==> flow/design.v <==
module sum_block_stage #(
    parameter int DATA_WIDTH = 32
) (
    input logic i_clk,
    input logic rst_ni,
    input logic clk_en,
    input logic [DATA_WIDTH-1:0] A,
    input logic [DATA_WIDTH-1:0] B,
    input logic [DATA_WIDTH-1:0] C,
    output logic [DATA_WIDTH+1:0] s
);
    logic [DATA_WIDTH-1:0] A_q;
    logic [DATA_WIDTH-1:0] B_q;
    logic [DATA_WIDTH-1:0] C_q;
    always_ff @(posedge i_clk or negedge rst_ni) begin
        if (~rst_ni) begin
            A_q <= '0;
            B_q <= '0;
            C_q <= '0;
            s <= '0;
        end else if (clk_en) begin
            A_q <= A;
            B_q <= B;
            C_q <= C;
            s <= A_q + B_q + C_q;
        end
    end
endmodule
From RTL to reports: sum_block_stage
What the tools print for sum_block_stage, step after step.
Line numbers count from 1 in the design file above.
Operators: Yosys type, input widths -> output width; for muxes data width and select width s.
{ "setup": {"top_module": "sum_block_stage", "clock_port": "i_clk", "cell_library": "sky130hd", "pvt_corner": "tt_025C_1v80"} }

Elaborated design
Counts by Yosys on the flattened word-level netlist (proc, flatten, opt, wreduce; memories kept). Register bits leave out memories and registers merged into their read ports (data or address); mux counts leave out enables and synchronous resets folded into registers. Print and check cells are left out. Cells with the same type and inputs are merged into one.
{ "bits": {"regBits": 130, "latchBits": 0, "ramBits": 0, "mem_bits_ro": 0, "clocked_rd_ports_x_width": 0, "memories": 0, "inputBits": 99, "output_inout_bits": 34, "word_cells": 6} }
{ "op_classes": {"addsub": 2, "mul": 0, "div_mod_pow": 0, "cmp": 0, "eq_ne": 0, "n_shift": 0, "muxes": 0, "n_logic": 0, "reduce_logical": 0} }
{ "ops": {"columns": ["operator", "n"], "rows": [
  ["$add 33x32->34", 1],
  ["$add 32x32->33", 1]
]} }

Logic depth
Longest topological path by Yosys (ltp), each cell counted once; first at word level (registers and memories cut), then after technology mapping (sequential cells cut; the memories' decode and read muxes count).
{ "depth": {"ltp_word": 2, "abc_area": 0, "depth_mapped": 11, "mapped_depth_nobuf": 11} }

Synthesis result
Yosys stat after the flow's synthesis: flattened, memories mapped to cells. It holds for the ABC_AREA given above (unset counts as 0); a run with the other value may have another netlist.
{ "by_type": {"columns": ["cell", "n", "area_total_um2"], "rows": [
  ["sky130_fd_sc_hd__dfrtp_1", 130, 3253.12],
  ["sky130_fd_sc_hd__mux2_2", 107, 1.2E+03],
  ["sky130_fd_sc_hd__fa_1", 33, 660.634],
  ["sky130_fd_sc_hd__ha_1", 31, 387.872],
  ["sky130_fd_sc_hd__a21oi_1", 38, 190.182],
  ["sky130_fd_sc_hd__nand2_1", 42, 157.651],
  ["sky130_fd_sc_hd__o21ai_0", 20, 100.096],
  ["sky130_fd_sc_hd__a21o_1", 13, 97.594],
  ["sky130_fd_sc_hd__nand3_1", 18, 90.086],
  ["sky130_fd_sc_hd__nor2_1", 23, 86.333],
  ["sky130_fd_sc_hd__xnor2_1", 9, 78.826],
  ["sky130_fd_sc_hd__nand4_1", 11, 68.816],
  ["sky130_fd_sc_hd__a211oi_1", 9, 67.565],
  ["sky130_fd_sc_hd__inv_1", 18, 67.565],
  ["sky130_fd_sc_hd__clkbuf_1", 13, 48.797],
  ["sky130_fd_sc_hd__a211o_1", 5, 43.792],
  ["sky130_fd_sc_hd__xor2_1", 5, 43.792],
  ["sky130_fd_sc_hd__o211ai_1", 5, 37.536]
]} }
Not listed: further types 45, cells in them 100.
{ "synth_totals": {"mapped_cells": 630, "area_um2": 7418.4, "sequential_area_um2": 3253.1, "flip_flops": 130, "n_buf": 26} }

Timing after synthesis
Source: OpenSTA report_checks on the synthesized netlist (no wires, ideal clock, input and output delay 20% of the period each), path of least setup slack; recovery checks are left aside. Register names are those of the netlist, which keeps one name where synthesis merged equal registers.
{ "synth_timing": {"kind": "register to register", "from": "register A_q[1]", "to": "register s[29]", "clock_period_ns": 3.58, "setup_ns": 0.124, "launch_ns": 0.000, "arrival_time_ns": 2.742, "required_ns": 3.456, "path_slack_ns": 0.714, "delay_ns": 2.866, "driving_pins": 10, "n_path_buf": 0, "period_less_setup_slack_ns": 2.866} }
"delay_ns" is the arrival time less input delay plus setup time.
"driving_pins": output pins that drive a net of the path, with the launching flip-flop's if there is one; two outputs of one cell count as two.
"period_less_setup_slack_ns" is the clock period less the worst setup slack; recovery checks do not enter. This is arithmetic on one report: input and output delays are still those of the set period (20% each).
Between the ends stands the longest chain of elaborated cells between them, by number of cells; it is not shown to be the way that was timed. Of several equally long chains one is given.
A line is the first line of the expression or statement that the cell stems from. Yosys adds cells for indexed reads and writes and turns some case tables into memories.
{ "synth_between": {"cell_sequence": "sky130_fd_sc_hd__dfrtp_1 > sky130_fd_sc_hd__fa_1 > sky130_fd_sc_hd__ha_1 > sky130_fd_sc_hd__fa_1 > sky130_fd_sc_hd__a21o_1 > sky130_fd_sc_hd__a311oi_2 > sky130_fd_sc_hd__o21ba_2 > sky130_fd_sc_hd__o21ai_2 > sky130_fd_sc_hd__o2111a_1 > sky130_fd_sc_hd__a211o_1", "elab_chain_len": 2, "cells_between": 2, "lines_between": 1, "cone_classes": "2 x add/sub"} }
{ "synth_rtl": {"columns": ["element", "line", "text"], "rows": [
  ["start: declaration", 12, "logic [DATA_WIDTH-1:0] A_q;"],
  ["start: assignment", 17, "A_q <= '0;"],
  ["start: assignment", 22, "A_q <= A;"],
  ["$add 32x32->33", 25, "s <= A_q + B_q + C_q;"],
  ["$add 33x32->34", 25, null],
  ["end: assignment", 20, "s <= '0;"],
  ["end: assignment", 25, null],
  ["end: declaration", 10, "output logic [DATA_WIDTH+1:0] s"]
]} }

Timing after layout
From the final timing report of flow run 1: the path of least setup slack in the routed layout; clock arrival at registers is part of the times.
{ "layout_timing": {"kind": "register to register", "from": "register A_q[1]", "to": "register s[29]", "clock_period_ns": 4.02, "setup_ns": 0.11, "launch_ns": 0.42, "arrival_time_ns": 3.39, "required_ns": 4.33, "path_slack_ns": 0.94, "driving_pins": 10, "n_path_buf": 0} }
Between the ends stands the longest chain of elaborated cells between them, by number of cells; it is not shown to be the way that was timed. Of several equally long chains one is given.
{ "layout_between": {"cell_sequence": "sky130_fd_sc_hd__dfrtp_1 > sky130_fd_sc_hd__fa_1 > sky130_fd_sc_hd__ha_1 > sky130_fd_sc_hd__fa_1 > sky130_fd_sc_hd__a21o_1 > sky130_fd_sc_hd__a311oi_2 > sky130_fd_sc_hd__o21ba_2 > sky130_fd_sc_hd__o21ai_2 > sky130_fd_sc_hd__o2111a_1 > sky130_fd_sc_hd__a211o_1", "elab_chain_len": 2, "cells_between": 2, "lines_between": 1, "cone_classes": "2 x add/sub"} }
{ "layout_rtl": {"columns": ["element", "line", "text"], "rows": [
  ["start: declaration", 12, "logic [DATA_WIDTH-1:0] A_q;"],
  ["start: assignment", 17, "A_q <= '0;"],
  ["start: assignment", 22, "A_q <= A;"],
  ["$add 32x32->33", 25, "s <= A_q + B_q + C_q;"],
  ["$add 33x32->34", 25, null],
  ["end: assignment", 20, "s <= '0;"],
  ["end: assignment", 25, null],
  ["end: declaration", 10, "output logic [DATA_WIDTH+1:0] s"]
]} }

Appendix: measured runs

Module sum_block_stage, platform sky130hd: 3 stored runs of the flow (Yosys, OpenROAD) with differing settings, in no particular order. Input and output delays are each 20% of the period that was set; the output load is 0.01 pF.
"achieved_period_ns" means the clock period less the worst setup slack. The figure is calculated, with input and output delays left at 20% of the set period.
"worst_path_ns" = time allowed to the worst setup path (clock period - input delay - output delay, where it has them) - its slack; a late launch clock adds to it, a late capture clock takes from it.
"design_power_mw" is the tool's figure for a default switching activity; nothing was simulated.
[
  {
    "run": "flow run 1",
    "settings": { "period_ns": 4.02, "CORE_UTILIZATION": 25, "PLACE_DENSITY_LB_ADDON": 0.07, "CORE_ASPECT_RATIO": 0.96, "TNS_END_PERCENT": 40, "GPL_TIMING_DRIVEN": 1, "CTS_CLUSTER_DIAMETER": 229, "CAP_MARGIN": 35, "SLEW_MARGIN": 15, "MAX_ROUTING_LAYER": "met4", "CORE_MARGIN": 2 },
    "results": { "worst_path_ns": 3.08, "path_kind": "register to register", "ws_setup_ns": 0.938, "finalUtil_pct": 33.8, "total_negative_slack_ns": 0.000, "total_die_area_um2": 31067.6, "design_power_mw": 5.960, "synthArea_um2": 7418.4, "stdcell_area_um2": 9820.7, "achieved_period_ns": 3.082 }
  },
  {
    "run": "flow run 2",
    "settings": { "period_ns": 3.58, "CAP_MARGIN": 20, "CORE_MARGIN": 2, "CORE_UTILIZATION": 40, "SLEW_MARGIN": 20 },
    "results": { "worst_path_ns": 3.08, "path_kind": "register to register", "ws_setup_ns": 0.496, "finalUtil_pct": 53.2, "total_negative_slack_ns": 0.000, "total_die_area_um2": 19651.8, "design_power_mw": 6.662, "synthArea_um2": 7418.4, "stdcell_area_um2": 9615.5, "achieved_period_ns": 3.084 }
  },
  {
    "run": "flow run 3",
    "settings": { "period_ns": 5.11, "CORE_UTILIZATION": 52, "SETUP_SLACK_MARGIN": -0.4, "PLACE_DENSITY": 0.77, "HOLD_SLACK_MARGIN": 0.08, "CORE_ASPECT_RATIO": 1.45, "CORE_MARGIN": 7, "CELL_PAD_IN_SITES_GLOBAL_PLACEMENT": 2, "ABC_AREA": 0, "CTS_CLUSTER_SIZE": 12, "CAP_MARGIN": 10, "MAX_ROUTING_LAYER": "met5", "SLEW_MARGIN": 20 },
    "results": { "worst_path_ns": 3.16, "path_kind": "register to register", "ws_setup_ns": 1.950, "finalUtil_pct": 68.2, "total_negative_slack_ns": 0.000, "total_die_area_um2": 17864.2, "design_power_mw": 4.574, "synthArea_um2": 7418.4, "stdcell_area_um2": 9500.4, "achieved_period_ns": 3.160 }
  }
]
